==> flow/design.v <==
module full_adder (
    input wire a,
    input wire b,
    input wire ci,
    output wire s,
    output wire co
);
    assign {co, s} = a + b + ci;
endmodule
module sync_add_core_rtl #(
    parameter DW = 14
) (
    input  ck,
    input  [DW-1:0] u,
    input  [DW-1:0] v,
    input  cy_in,
    output reg [DW-1:0] result,
    output reg ovf
);
    wire [DW-1:0] val;
    wire [DW:0] cy;
    assign cy[0] = cy_in;
    genvar i;
    generate
        for (i = 0; i < DW; i = i + 1) begin : stage
            full_adder u0 (.a(u[i]), .b(v[i]), .ci(cy[i]), .s(val[i]), .co(cy[i+1]));
        end
    endgenerate
    always @(posedge ck) begin
        result <= val;
        ovf <= cy[DW];
    end
endmodule
Step by step through the tools: sync_add_core_rtl
Tool output for the design above, in the order of the flow.
Lines are those of the file above, counted from 1.
Operators carry their Yosys type and port widths (W data, S select, Z words).
Library cell names are shortened.
A cell with -- has no value.
- top module: sync_add_core_rtl
- clock: ck
- standard-cell library: sky130hd
- timing corner: tt_025C_1v80

Word level
Counts by Yosys on the flattened word-level netlist (proc, flatten, opt, wreduce; memories kept). Register bits leave out memories and registers merged into their read ports (data or address); mux counts leave out enables and synchronous resets folded into registers. Print and check cells are left out. Cells with the same type and inputs are merged into one.
- noted add/subtract/negate cells: 28
- operators with widths (operator ; count):
    $add A1 B1 Y2 ; 14
    $add A2 B1 Y2 ; 14
- register bits after elaboration: 15

Depth
Depth = most cells in a row (Yosys ltp): at word level without a register or memory, in the mapped netlist without a sequential cell, where the memories' decode and read muxes count.
- depth in word-level cells: 15
- ABC_AREA: 0
- gate-level depth with buffers at 18
- gate-level depth less buffers at 18

After synthesis
Source: synth_stat.txt of the flow (Yosys; design flattened, memories mapped). It holds for the ABC_AREA given above (unset counts as 0); a run with the other value may have another netlist.
Totals and module areas in this step are rounded.
- noted buffers: 0
- mapped cells at 39
- mapped flip-flops at 15
- area of sequential cells: 0.0003 mm^2
- chip area (Yosys): 0.00062 mm^2
- cell types (type ; count ; total area (um^2)):
    dfxtp_1 ; 15 ; 300.288
    fa_1 ; 14 ; 280.269
    inv_1 ; 10 ; 37.536
By module: a second synthesis without flattening, with its own total; a netlist apart from the flattened one above.
- cell total of the unflattened synthesis: 29
- area (unflattened synthesis): 0.00058 mm^2
Each row is one instance without its submodules.
- by module (module ; seq. area (mm^2) ; times used ; cells ; area (mm^2)):
    sync_add_core_rtl ; 0.0003 ; 1 ; 15 ; 0.0003
    full_adder ; 0 ; 14 ; 1 ; 0.00002

Worst setup path after synthesis
Path of least setup slack by OpenSTA after synthesis, without wires, with an ideal clock, recovery checks aside; 20% of the period is set as input and as output delay. Where synthesis merged equal registers, the netlist keeps one of their names.
- path type: input-to-reg
- start point: input port u[0]
- end point: register result[13]
- clock period at 8.35 ns
- path delay at 5.345 ns
- required time: 8.293 ns
- launch time at the first pin: 1.670 ns
- data arrival time at 6.958 ns
- noted driving pins on the path: 18
- library setup time at 0.057 ns
- setup slack at 1.334 ns
- synthesis period reached at 7.016 ns
"path delay" = arrival - input delay + setup time.
"driving pins on the path" counts driving pins, that of a launching flip-flop among them; a cell with two outputs on the path counts twice.
"synthesis period reached" = period - worst setup slack (recovery checks aside). The figure is calculated, with input and output delays left at 20% of the set period.
The rows between start and end are the longest chain of elaborated cells between them; the timing report does not say that the signal goes this way. Where chains are equally long, one stands for them.
A line is the first line of the expression or statement that the cell stems from. Yosys adds cells for indexed reads and writes and turns some case tables into memories.
- cells stage by stage: inv_1 -> fa_1 -> inv_1 -> fa_1 -> fa_1 -> fa_1 -> fa_1 -> fa_1 -> fa_1 -> fa_1 -> fa_1 -> fa_1 -> fa_1 -> fa_1 -> fa_1 -> inv_1 -> fa_1 -> inv_1
- cells in the longest elaborated chain: 15
- RTL lines, path after synthesis (what ; RTL line ; RTL):
    from (decl) ; 14 ; input  [DW-1:0] u,
    $add A1 B1 Y2 ; 8 ; assign {co, s} = a + b + ci;
    $add A2 B1 Y2 x14 ; 8 ;
    to (assign) ; 30 ; result <= val;
    to (decl) ; 17 ; output reg [DW-1:0] result,

Path in the finished layout
Path of least setup slack in the final report of job 1 (OpenROAD, finished layout, wires in). Where an end is a register, its clock arrival counts in the times.
- path type: input-to-reg
- start point: input port u[0]
- end point: register result[13]
- clock period at 6.98 ns
- data arrival time at 7.07 ns
- library setup time at 0.05 ns
- launch time at the first pin: 1.40 ns
- required time: 7.20 ns
- noted driving pins on the path: 19
- setup slack at 0.14 ns
The rows between start and end are the longest chain of elaborated cells between them; the timing report does not say that the signal goes this way. Where chains are equally long, one stands for them.
- cells stage by stage: clkdlybuf4s50_1 -> inv_1 -> fa_1 -> inv_1 -> fa_1 -> fa_2 -> fa_2 -> fa_1 -> fa_1 -> fa_2 -> fa_1 -> fa_1 -> fa_2 -> fa_1 -> fa_2 -> fa_1 -> inv_1 -> fa_1 -> inv_1
- cells in the longest elaborated chain: 15
- RTL lines, path post-layout (what ; RTL line ; RTL):
    from (decl) ; 14 ; input  [DW-1:0] u,
    $add A1 B1 Y2 ; 8 ; assign {co, s} = a + b + ci;
    $add A2 B1 Y2 x14 ; 8 ;
    to (assign) ; 30 ; result <= val;
    to (decl) ; 17 ; output reg [DW-1:0] result,

## Implementation results

Below are 3 stored runs of the flow (Yosys, OpenROAD; platform sky130hd) on sync_add_core_rtl, each with its settings and what was measured, unordered. Constraints: input delay and output delay 20% of the set period each, output load 0.01 pF.
"period achieved" is the run's clock period less its worst setup slack. It is reckoned from that one timing run; input and output delays stay at 20% of the period that was set.
"time on the worst setup path" is the time allowed to the run's worst setup path (the clock period less input and output delay, where it has them) less its slack. Clock arrival times count: a late capture clock shortens it, a late launch clock lengthens it.
By "total design power" is meant OpenSTA's value without simulated activity: inputs other than the clock are taken to toggle once in ten clock periods, and the tool carries that through the logic.
Measured values are rounded.

Job 1
Settings were period_ns = 6.98; CORE_UTILIZATION = 41; SETUP_SLACK_MARGIN = -0.11; CORE_ASPECT_RATIO = 0.95; CELL_PAD_IN_SITES_DETAIL_PLACEMENT = 0; GPL_TIMING_DRIVEN = 0; GPL_ROUTABILITY_DRIVEN = 0; CTS_CLUSTER_SIZE = 38; CAP_MARGIN = 20; CORE_MARGIN = 2; SLEW_MARGIN = 20
- noted the synthesized cell area: 0.00062 mm^2
- noted the full die area: 0.0018 mm^2
- utilization of the finished layout: 0.81
- worst setup slack after layout at 0.14 ns
- worst hold slack in the final report: 1.8 ns
- noted the total design power: 0.00023 W
- noted the period achieved: 6.842 ns
- time on the worst setup path: 5.45 ns
- kind of the worst setup path: input-to-reg

Job 2
Settings were period_ns = 8.12; CORE_UTILIZATION = 34; PLACE_DENSITY_LB_ADDON = 0.2; CORE_ASPECT_RATIO = 0.86; CELL_PAD_IN_SITES_GLOBAL_PLACEMENT = 3; CELL_PAD_IN_SITES_DETAIL_PLACEMENT = 2; CTS_CLUSTER_DIAMETER = 178; CAP_MARGIN = 20; SLEW_MARGIN = 10; MIN_ROUTING_LAYER = met2; CORE_MARGIN = 2
- no final report: placement broke off with FLW-0024

Job 3
Settings were period_ns = 8.35; CAP_MARGIN = 20; CORE_MARGIN = 2; CORE_UTILIZATION = 40; SLEW_MARGIN = 20
- noted the synthesized cell area: 0.00062 mm^2
- noted the full die area: 0.0019 mm^2
- utilization of the finished layout: 0.75
- worst setup slack after layout at 1.0 ns
- worst hold slack in the final report: 2.1 ns
- noted the total design power: 0.00019 W
- noted the period achieved: 7.348 ns
- time on the worst setup path: 5.68 ns
- kind of the worst setup path: input-to-reg
